==> flow/design.v <==
module sh_core_v2 #(
   parameter DWIDTH = 80,
   parameter SEL_WIDTH = $clog2(DWIDTH)
) (
   input  clock,
   input  reset,
   input  [DWIDTH-1:0] in_src,
   input  [SEL_WIDTH-1:0] in_n,
   output [DWIDTH-1:0] out_dout
);
   reg [DWIDTH-1:0] src_d1;
   reg [SEL_WIDTH-1:0] n_d1;
   reg [DWIDTH-1:0] nxt_d1;
   reg [1:0] n_d1_lo;
   reg [DWIDTH-1:0] dout_d1;
   assign out_dout = dout_d1;
   always @(posedge clock) begin
      if (reset) begin
         src_d1 <= 0;
         n_d1 <= 0;
         nxt_d1 <= 0;
         n_d1_lo <= 0;
         dout_d1 <= 0;
      end else begin
         src_d1 <= in_src;
         n_d1 <= in_n;
         nxt_d1 <= src_d1 << {n_d1[SEL_WIDTH-1:2], 2'b00};
         n_d1_lo <= n_d1[1:0];
         dout_d1 <= nxt_d1 << n_d1_lo;
      end
   end
endmodule
# Reports on sh_core_v2
# What the tools print for sh_core_v2, step after step.
# Line numbers count from 1 in the design file above.
# Operators carry their Yosys type and port widths (W data, S select, Z words).
# A cell with -- has no value.
dict set report design {
  top_module {sh_core_v2}
  clock {clock}
  library {sky130hd}
  lib_corner {tt_025C_1v80}
}

# Word-level counts
# Counts by Yosys on the flattened word-level netlist (proc, flatten, opt, wreduce; memories kept). Register bits leave out memories and registers merged into their read ports (data or address); mux counts leave out enables and synchronous resets folded into registers. Print and check cells are left out. Cells with the same type and inputs are merged into one.
dict set report classes {
  shift 2
}
# cell count
set ops {}
lappend ops {{$shl A80 B2 Y80} 1}
lappend ops {{$shl A80 B7 Y80} 1}
dict set report bits {
  regBits 249
  out_inout_bits 80
  inputBits 89
  elab_cells 7
}

# Logic depth
# Depth = most cells in a row (Yosys ltp): at word level without a register or memory, in the mapped netlist without a sequential cell, where the memories' decode and read muxes count.
dict set report logic_depth {
  ltp_word 1
  abc_area 0
  depth_mapped 9
  mapped_depth_nobuf 4
}

# Netlist
# Source: synth_stat.txt of the flow (Yosys; design flattened, memories mapped). It holds for the ABC_AREA given above (unset counts as 0); a run with the other value may have another netlist.
dict set report synth_totals {
  n_buf 88
  stdcells 1001
  area_um2 11776.3
  seq_area_um2 4984.8
  ff_cells 249
}
# cell count type_area_um2
set types {}
lappend types {sky130_fd_sc_hd__dfxtp_1 249 4.98E+03}
lappend types {sky130_fd_sc_hd__mux4_2 99 2.23E+03}
lappend types {sky130_fd_sc_hd__mux2i_1 133 1.33E+03}
lappend types {sky130_fd_sc_hd__nor2b_1 177 1.11E+03}
lappend types {sky130_fd_sc_hd__mux2_2 25 281.52}
lappend types {sky130_fd_sc_hd__o22ai_1 30 187.68}
lappend types {sky130_fd_sc_hd__clkbuf_1 44 165.158}
lappend types {sky130_fd_sc_hd__a22oi_1 21 157.651}
lappend types {sky130_fd_sc_hd__nor2_1 38 142.637}
lappend types {sky130_fd_sc_hd__nand2_1 31 116.362}
lappend types {sky130_fd_sc_hd__o221ai_1 13 113.859}
lappend types {sky130_fd_sc_hd__buf_2 20 100.096}
lappend types {sky130_fd_sc_hd__buf_4 11 82.579}
lappend types {sky130_fd_sc_hd__buf_6 7 78.826}
lappend types {sky130_fd_sc_hd__o2bb2ai_1 9 78.826}
lappend types {sky130_fd_sc_hd__nand2b_1 10 62.56}
lappend types {sky130_fd_sc_hd__o21ai_0 11 55.053}
lappend types {sky130_fd_sc_hd__nand3_1 9 45.043}
# Not listed: further types 24, cells in them 64.

# Worst setup path after synthesis
# Path of least setup slack by OpenSTA after synthesis, without wires, with an ideal clock, recovery checks aside; 20% of the period is set as input and as output delay. Where synthesis merged equal registers, the netlist keeps one of their names.
dict set report synth_timing {
  path_kind {register to register}
  start {reg n_d1[3]}
  end {reg nxt_d1[73]}
  driving_pins 7
  setup_slack_ns 0.414
  path_delay_ns 1.646
  t_first_pin_ns 0.000
  tclk_ns 2.06
  n_path_buf 2
  t_arrival_ns 1.508
  period_less_setup_slack_ns 1.646
}
# "path_delay_ns" is the arrival time less input delay plus setup time.
# "driving_pins" counts driving pins, that of a launching flip-flop among them; a cell with two outputs on the path counts twice.
# "period_less_setup_slack_ns" is the clock period less the worst setup slack; recovery checks do not enter. This is arithmetic on one report: input and output delays are still those of the set period (20% each).
# Between the ends stands the longest chain of elaborated cells between them, by number of cells; it is not shown to be the way that was timed. Of several equally long chains one is given.
# Each line given opens the expression or statement behind the cell; cells for indexed reads and writes are added by Yosys, which also makes memories of some case tables.
dict set report synth_between {
  path_cell_list {sky130_fd_sc_hd__dfxtp_1 sky130_fd_sc_hd__buf_4 sky130_fd_sc_hd__buf_6 sky130_fd_sc_hd__mux4_2 sky130_fd_sc_hd__mux2_2 sky130_fd_sc_hd__nand2_1 sky130_fd_sc_hd__o221ai_1}
  elab_chain_len 1
}
# item line_no
set synth_rtl {}
lappend synth_rtl {{start, declared} 12} ;# reg [SEL_WIDTH-1:0] n_d1;
lappend synth_rtl {{start, assigned} 20} ;# n_d1 <= 0;
lappend synth_rtl {{start, assigned} 26} ;# n_d1 <= in_n;
lappend synth_rtl {{$shl A80 B7 Y80} 27} ;# nxt_d1 <= src_d1 << {n_d1[SEL_WIDTH-1:2], 2'b00};
lappend synth_rtl {{end, assigned} 21} ;# nxt_d1 <= 0;
lappend synth_rtl {{end, assigned} 27}
lappend synth_rtl {{end, declared} 13} ;# reg [DWIDTH-1:0] nxt_d1;

# Timing after layout
# From the final timing report of run A: the path of least setup slack in the routed layout; clock arrival at registers is part of the times.
dict set report layout_timing {
  path_kind {register to register}
  start {reg n_d1[3]}
  end {reg nxt_d1[59]}
  driving_pins 6
  t_first_pin_ns 0.56
  setup_slack_ns -0.15
  n_path_buf 1
  t_arrival_ns 2.49
  tclk_ns 1.9
}
# Between the ends stands the longest chain of elaborated cells between them, by number of cells; it is not shown to be the way that was timed. Of several equally long chains one is given.
dict set report layout_between {
  path_cell_list {sky130_fd_sc_hd__dfxtp_4 sky130_fd_sc_hd__buf_12 sky130_fd_sc_hd__mux2i_1 sky130_fd_sc_hd__mux2i_1 sky130_fd_sc_hd__mux2i_1 sky130_fd_sc_hd__o22ai_1}
  elab_chain_len 1
}
# item line_no
set layout_rtl {}
lappend layout_rtl {{start, declared} 12} ;# reg [SEL_WIDTH-1:0] n_d1;
lappend layout_rtl {{start, assigned} 20} ;# n_d1 <= 0;
lappend layout_rtl {{start, assigned} 26} ;# n_d1 <= in_n;
lappend layout_rtl {{$shl A80 B7 Y80} 27} ;# nxt_d1 <= src_d1 << {n_d1[SEL_WIDTH-1:2], 2'b00};
lappend layout_rtl {{end, assigned} 21} ;# nxt_d1 <= 0;
lappend layout_rtl {{end, assigned} 27}
lappend layout_rtl {{end, declared} 13} ;# reg [DWIDTH-1:0] nxt_d1;

Add stored flow runs of sh_core_v2

Measured data: module sh_core_v2, platform sky130hd, 3 stored runs of the flow under differing settings, order arbitrary. Input and output delays are each 20% of the period that was set; the output load is 0.01 pF.
By "worst_path_allowed_less_slack_ns" is meant the share of the clock period that the worst setup path is allowed (20% is reserved at inputs, 20% at outputs), minus its slack. Clock arrival times at its registers enter into it.
"final_power_mw" is the tool's figure for a default switching activity; nothing was simulated.

[flow] run A: files
==> flow/run.sh <==
#!/bin/bash
# the make line also repeats the synthesis and layout settings of config.mk as NAME=value (left out here)
make -C /OpenROAD-flow-scripts/flow DESIGN_CONFIG=/design/flow/config.mk WORK_HOME=/design/flow/orfs CLKGATE_MAP_FILE= finish
==> flow/config.mk <==
export PLATFORM = sky130hd
export DESIGN_NAME = sh_core_v2
export DESIGN_NICKNAME = sh_core_v2
export VERILOG_FILES = /design/flow/design.v
export SDC_FILE = /design/flow/constraint.sdc
export NUM_CORES = 4
export LEC_CHECK = 0
export CAP_MARGIN = 15
export CELL_PAD_IN_SITES_DETAIL_PLACEMENT = 2
export CORE_MARGIN = 7
export CORE_UTILIZATION = 20
export CTS_CLUSTER_DIAMETER = 69
export GPL_ROUTABILITY_DRIVEN = 0
export MIN_ROUTING_LAYER = met1
export PLACE_DENSITY = 0.86
export SLEW_MARGIN = 10
export TNS_END_PERCENT = 15
==> flow/constraint.sdc <==
create_clock -name core_clock -period 1.9 [get_ports {clock}]
set_input_delay 0.3800 -clock core_clock [delete_from_list [all_inputs] [get_ports {clock}]]
set_output_delay 0.3800 -clock core_clock [all_outputs]
set_load 0.01 [all_outputs]

[flow] run A: metrics
[metrics] synth_area_um2 = 11776.3
[metrics] die_um2 = 65871.8
[metrics] final_cell_area_um2 = 15836.4
[metrics] finalUtil_pct = 27.3
[metrics] setup_ws_ns = -0.146
[metrics] setup_tns_ns = -0.643
[metrics] final_hold_ws_ns = 0.170
[metrics] final_power_mw = 14.073
[metrics] worst_path_allowed_less_slack_ns = 2.05
[metrics] worst_setup_path_type = register to register

[flow] run B: files
==> flow/run.sh <==
#!/bin/bash
# the make line also repeats the synthesis and layout settings of config.mk as NAME=value (left out here)
make -C /OpenROAD-flow-scripts/flow DESIGN_CONFIG=/design/flow/config.mk WORK_HOME=/design/flow/orfs CLKGATE_MAP_FILE= finish
==> flow/config.mk <==
export PLATFORM = sky130hd
export DESIGN_NAME = sh_core_v2
export DESIGN_NICKNAME = sh_core_v2
export VERILOG_FILES = /design/flow/design.v
export SDC_FILE = /design/flow/constraint.sdc
export NUM_CORES = 4
export LEC_CHECK = 0
export CAP_MARGIN = 5
export CORE_ASPECT_RATIO = 0.5
export CORE_MARGIN = 2
export CORE_UTILIZATION = 15
export CTS_CLUSTER_DIAMETER = 48
export MIN_ROUTING_LAYER = met2
export PLACE_DENSITY = 0.5
export SETUP_SLACK_MARGIN = 0.23
export SLEW_MARGIN = 20
==> flow/constraint.sdc <==
create_clock -name core_clock -period 2.04 [get_ports {clock}]
set_input_delay 0.4080 -clock core_clock [delete_from_list [all_inputs] [get_ports {clock}]]
set_output_delay 0.4080 -clock core_clock [all_outputs]
set_load 0.01 [all_outputs]

[flow] run B: metrics
[metrics] synth_area_um2 = 11776.3
[metrics] die_um2 = 80901.5
[metrics] final_cell_area_um2 = 16676.0
[metrics] finalUtil_pct = 21.5
[metrics] setup_ws_ns = 0.166
[metrics] setup_tns_ns = 0.000
[metrics] final_hold_ws_ns = 0.244
[metrics] final_power_mw = 13.566
[metrics] worst_path_allowed_less_slack_ns = 1.87
[metrics] worst_setup_path_type = register to register

[flow] run C: files
==> flow/run.sh <==
#!/bin/bash
# the make line also repeats the synthesis and layout settings of config.mk as NAME=value (left out here)
make -C /OpenROAD-flow-scripts/flow DESIGN_CONFIG=/design/flow/config.mk WORK_HOME=/design/flow/orfs CLKGATE_MAP_FILE= finish
==> flow/config.mk <==
export PLATFORM = sky130hd
export DESIGN_NAME = sh_core_v2
export DESIGN_NICKNAME = sh_core_v2
export VERILOG_FILES = /design/flow/design.v
export SDC_FILE = /design/flow/constraint.sdc
export NUM_CORES = 4
export LEC_CHECK = 0
export CAP_MARGIN = 20
export CORE_MARGIN = 2
export CORE_UTILIZATION = 40
export SLEW_MARGIN = 20
==> flow/constraint.sdc <==
create_clock -name core_clock -period 2.06 [get_ports {clock}]
set_input_delay 0.4120 -clock core_clock [delete_from_list [all_inputs] [get_ports {clock}]]
set_output_delay 0.4120 -clock core_clock [all_outputs]
set_load 0.01 [all_outputs]

[flow] run C: metrics
[metrics] synth_area_um2 = 11776.3
[metrics] die_um2 = 30830.1
[metrics] final_cell_area_um2 = 15195.8
[metrics] finalUtil_pct = 52.7
[metrics] setup_ws_ns = 0.084
[metrics] setup_tns_ns = 0.000
[metrics] final_hold_ws_ns = 0.222
[metrics] final_power_mw = 12.157
[metrics] worst_path_allowed_less_slack_ns = 1.98
[metrics] worst_setup_path_type = register to register
